==> flow/design.v <==
module alu_summer_blk (ck, RST, i_a, i_b, i_cin, o_result, o_carry_out);
   parameter DW = 48;
   parameter BLK = 3;
   input ck;
   input RST;
   input [DW-1:0] i_a;
   input [DW-1:0] i_b;
   input i_cin;
   output [DW-1:0] o_result;
   output o_carry_out;
   localparam SLICES = DW / BLK;
   wire [DW-1:0] t;
   wire [SLICES:0] cy;
   assign cy[0] = i_cin;
   genvar ii;
   generate
      for (ii = 0; ii < SLICES; ii = ii + 1) begin : stage
         wire [BLK:0] s0 = i_a[ii*BLK +: BLK] + i_b[ii*BLK +: BLK];
         wire [BLK:0] s1 = i_a[ii*BLK +: BLK] + i_b[ii*BLK +: BLK] + 1'b1;
         assign {cy[ii+1], t[ii*BLK +: BLK]} = cy[ii] ? s1 : s0;
      end
   endgenerate
   reg [DW-1:0] result_r;
   always @(posedge ck) begin
      if (RST) begin
         result_r <= 0;
      end else begin
         result_r <= t;
      end
   end
   assign o_result = result_r;
   reg carry_out_r;
   always @(posedge ck) begin
      if (RST) begin
         carry_out_r <= 1'b0;
      end else begin
         carry_out_r <= cy[SLICES];
      end
   end
   assign o_carry_out = carry_out_r;
endmodule
==> Tool chain data of alu_summer_blk <==
What the tools print for alu_summer_blk, step after step.
Line numbers count from 1 in the design file above.
{ "inputs": {"top_module": "alu_summer_blk", "clk_port": "ck", "cell_library": "sky130hd", "lib_corner": "tt_025C_1v80"} }

==> After elaboration <==
Counts by Yosys on the flattened word-level netlist (proc, flatten, opt, wreduce; memories kept). Register bits leave out memories and registers merged into their read ports (data or address); mux counts leave out enables and synchronous resets folded into registers. Print and check cells are left out. Cells with the same type and inputs are merged into one.
{ "op_classes": {"add_sub_neg": 32, "n_mux": 16} }
{ "op_table": {"columns": ["cell", "count"], "rows": [
  ["3-bit by 3-bit adder with 4-bit output", 16],
  ["4-bit by 1-bit adder with 4-bit output with constant B", 16],
  ["4-bit 2-to-1 mux", 16]
]} }
{ "bits": {"register_bits": 49, "inputBits": 99} }

==> Depth <==
Longest topological path by Yosys (ltp), each cell counted once; first at word level (registers and memories cut), then after technology mapping (sequential cells cut; the memories' decode and read muxes count).
{ "depth": {"ltp_word": 18, "ABC_AREA": 0, "ltp_mapped": 21} }

==> Mapped cells and area <==
Yosys stat after the flow's synthesis: flattened, memories mapped to cells. It holds for the ABC_AREA given above (unset counts as 0); a run with the other value may have another netlist.
{ "synth_totals": {"mapped_cells": 467, "flip_flops": 49, "sequential_area_mm2": 0.0009809, "n_buf": 10, "yosys_area_mm2": 0.0042804} }
{ "types": {"columns": ["cell_type", "count"], "rows": [
  ["sky130_fd_sc_hd__dfxtp_1", 49],
  ["sky130_fd_sc_hd__ha_1", 64],
  ["sky130_fd_sc_hd__fa_1", 16],
  ["sky130_fd_sc_hd__xnor2_1", 28],
  ["sky130_fd_sc_hd__nor2_1", 55],
  ["sky130_fd_sc_hd__xor2_1", 20],
  ["sky130_fd_sc_hd__a21o_1", 22],
  ["sky130_fd_sc_hd__mux2i_1", 16],
  ["sky130_fd_sc_hd__a21oi_1", 27],
  ["sky130_fd_sc_hd__nand3_1", 25],
  ["sky130_fd_sc_hd__and3_1", 19],
  ["sky130_fd_sc_hd__nand2_1", 24],
  ["sky130_fd_sc_hd__nand4_1", 12],
  ["sky130_fd_sc_hd__nor2b_1", 8],
  ["sky130_fd_sc_hd__inv_1", 12],
  ["sky130_fd_sc_hd__nor4_1", 7],
  ["sky130_fd_sc_hd__nor4_4", 2],
  ["sky130_fd_sc_hd__nor3_1", 8]
]} }
Not listed: further types 32, cells in them 53.

==> Worst setup path after synthesis <==
Path of least setup slack by OpenSTA after synthesis, without wires, with an ideal clock, recovery checks aside; 20% of the period is set as input and as output delay. Where synthesis merged equal registers, the netlist keeps one of their names.
{ "synth_path": {"kind": "input to register", "start": "in i_a[0]", "end": "reg result_r[45]", "driving_pins": 20, "input_delay_ns": 1.548, "arrival_ns": 6.380, "delay_ns": 4.953, "tclk_ns": 7.74, "slack_ns": 1.239, "synth_period_reached_ns": 6.501} }
"delay_ns" = arrival - input delay + setup time.
"driving_pins" counts driving pins, that of a launching flip-flop among them; a cell with two outputs on the path counts twice.
"synth_period_reached_ns" = period - worst setup slack (recovery checks aside). The figure is calculated, with input and output delays left at 20% of the set period.
Between the ends stands the longest chain of elaborated cells between them, by number of cells; it is not shown to be the way that was timed. Of several equally long chains one is given.
Each line given opens the expression or statement behind the cell; cells for indexed reads and writes are added by Yosys, which also makes memories of some case tables.
{ "synth_between": {"path_cell_list": "sky130_fd_sc_hd__ha_1 -> sky130_fd_sc_hd__fa_1 -> sky130_fd_sc_hd__nand3_1 -> sky130_fd_sc_hd__nor2_4 -> sky130_fd_sc_hd__xor2_2 -> sky130_fd_sc_hd__o211ai_1 -> sky130_fd_sc_hd__a41oi_1 -> sky130_fd_sc_hd__nand3_2 -> sky130_fd_sc_hd__mux2i_1 -> sky130_fd_sc_hd__nor4_4 -> sky130_fd_sc_hd__a31oi_4 -> sky130_fd_sc_hd__nor4_4 -> sky130_fd_sc_hd__nor4_1 -> sky130_fd_sc_hd__nor4_1 -> sky130_fd_sc_hd__nand3_1 -> sky130_fd_sc_hd__mux2i_1 -> sky130_fd_sc_hd__nor4b_2 -> sky130_fd_sc_hd__mux2_4 -> sky130_fd_sc_hd__xnor2_2 -> sky130_fd_sc_hd__mux2_4", "elab_chain_len": 18, "cells_between": 18, "cone_classes": "add/sub (2); mux (16)"} }
{ "synth_rtl": {"columns": ["element", "line_no", "text"], "rows": [
  ["from (decl)", 6, "input [DW-1:0] i_a;"],
  ["3-bit by 3-bit adder with 4-bit output", 19, "wire [BLK:0] s1 = i_a[ii*BLK +: BLK] + i_b[ii*BLK +: BLK] + 1'b1;"],
  ["4-bit by 1-bit adder with 4-bit output", 19, null],
  ["4-bit 2-to-1 mux (16 in a row)", 20, "assign {cy[ii+1], t[ii*BLK +: BLK]} = cy[ii] ? s1 : s0;"],
  ["to (assign)", 26, "result_r <= 0;"],
  ["to (assign)", 28, "result_r <= t;"],
  ["to (decl)", 23, "reg [DW-1:0] result_r;"]
]} }

==> Path in the finished layout <==
Path of least setup slack in the final report of flow run 1 (OpenROAD, finished layout, wires in). Where an end is a register, its clock arrival counts in the times.
{ "layout_path": {"kind": "input to register", "start": "in i_a[0]", "end": "reg result_r[45]", "input_delay_ns": 2.32, "tclk_ns": 11.6, "arrival_ns": 8.31, "driving_pins": 21, "slack_ns": 3.48} }
Between the ends stands the longest chain of elaborated cells between them, by number of cells; it is not shown to be the way that was timed. Of several equally long chains one is given.
{ "layout_between": {"path_cell_list": "sky130_fd_sc_hd__clkdlybuf4s50_1 -> sky130_fd_sc_hd__ha_1 -> sky130_fd_sc_hd__fa_1 -> sky130_fd_sc_hd__nand3_1 -> sky130_fd_sc_hd__nor2_4 -> sky130_fd_sc_hd__xor2_2 -> sky130_fd_sc_hd__o211ai_1 -> sky130_fd_sc_hd__a41oi_1 -> sky130_fd_sc_hd__nand3_2 -> sky130_fd_sc_hd__mux2i_1 -> sky130_fd_sc_hd__nor4_4 -> sky130_fd_sc_hd__nand4_1 -> sky130_fd_sc_hd__a31oi_2 -> sky130_fd_sc_hd__nor4_1 -> sky130_fd_sc_hd__nor4_1 -> sky130_fd_sc_hd__nand3_1 -> sky130_fd_sc_hd__mux2i_1 -> sky130_fd_sc_hd__nor4b_2 -> sky130_fd_sc_hd__mux2_4 -> sky130_fd_sc_hd__xnor2_2 -> sky130_fd_sc_hd__mux2_4", "elab_chain_len": 18, "cells_between": 18, "cone_classes": "add/sub (2); mux (16)"} }
{ "layout_rtl": {"columns": ["element", "line_no", "text"], "rows": [
  ["from (decl)", 6, "input [DW-1:0] i_a;"],
  ["3-bit by 3-bit adder with 4-bit output", 19, "wire [BLK:0] s1 = i_a[ii*BLK +: BLK] + i_b[ii*BLK +: BLK] + 1'b1;"],
  ["4-bit by 1-bit adder with 4-bit output", 19, null],
  ["4-bit 2-to-1 mux (16 in a row)", 20, "assign {cy[ii+1], t[ii*BLK +: BLK]} = cy[ii] ? s1 : s0;"],
  ["to (assign)", 26, "result_r <= 0;"],
  ["to (assign)", 28, "result_r <= t;"],
  ["to (decl)", 23, "reg [DW-1:0] result_r;"]
]} }

Subject: alu_summer_blk on sky130hd, stored results

Hello all,

Settings and measured results of 3 stored flow runs for module alu_summer_blk (sky130hd), not sorted in any way. The constraints put input and output delay at 20% of the set period each and load the outputs with 0.01 pF.
By "period_less_ws_ns" is meant the clock period of the run minus its worst setup slack. This is arithmetic on one report: input and output delays are still those of the set period (20% each).
By "worstPathTime_ns" is meant the share of the clock period that the worst setup path is allowed (20% is reserved at inputs, 20% at outputs), minus its slack. Clock arrival times at its registers enter into it.
By "power_mw" is meant OpenSTA's value without simulated activity: inputs other than the clock are taken to toggle once in ten clock periods, and the tool carries that through the logic.
[
  {
    "run": "flow run 1",
    "settings": { "period_ns": 11.6, "CORE_UTILIZATION": 22, "PLACE_DENSITY_LB_ADDON": 0.04, "CORE_ASPECT_RATIO": 0.8, "CORE_MARGIN": 6, "CELL_PAD_IN_SITES_GLOBAL_PLACEMENT": 2, "CELL_PAD_IN_SITES_DETAIL_PLACEMENT": 1, "ABC_AREA": 0, "CTS_CLUSTER_SIZE": 21, "MIN_ROUTING_LAYER": "met2", "CAP_MARGIN": 20, "SLEW_MARGIN": 20 },
    "results": { "stdcell_area_mm2": 0.0061709, "die_mm2": 0.0229688, "post_route_util_pct": 32.4, "worstPathTime_ns": 5.80, "worstPathKind": "input to register", "period_less_ws_ns": 8.123, "final_setup_ws_ns": 3.477, "final_setup_tns_ns": 0.000, "power_mw": 0.6706, "yosys_chip_area_mm2": 0.0042804, "hold_worst_slack_ns": 2.521 }
  },
  {
    "run": "flow run 2",
    "settings": { "period_ns": 7.74, "CAP_MARGIN": 20, "CORE_MARGIN": 2, "CORE_UTILIZATION": 40, "SLEW_MARGIN": 20 },
    "results": { "stdcell_area_mm2": 0.005962, "die_mm2": 0.0115444, "post_route_util_pct": 57.5, "worstPathTime_ns": 5.64, "worstPathKind": "input to register", "period_less_ws_ns": 7.186, "final_setup_ws_ns": 0.554, "final_setup_tns_ns": 0.000, "power_mw": 0.9166, "yosys_chip_area_mm2": 0.0042804, "hold_worst_slack_ns": 1.890 }
  },
  {
    "run": "flow run 3",
    "settings": { "period_ns": 8.4, "CORE_UTILIZATION": 56, "SETUP_SLACK_MARGIN": -0.24, "PLACE_DENSITY_LB_ADDON": 0.23, "TNS_END_PERCENT": 85, "ABC_AREA": 0, "CTS_CLUSTER_SIZE": 26, "SLEW_MARGIN": 30, "CAP_MARGIN": 20, "CORE_MARGIN": 2 },
    "results": { "stdcell_area_mm2": 0.0059219, "die_mm2": 0.0083585, "post_route_util_pct": 80.8, "worstPathTime_ns": 5.70, "worstPathKind": "input to register", "period_less_ws_ns": 7.379, "final_setup_ws_ns": 1.021, "final_setup_tns_ns": 0.000, "power_mw": 0.8548, "yosys_chip_area_mm2": 0.0042804, "hold_worst_slack_ns": 1.838 }
  }
]

Thanks
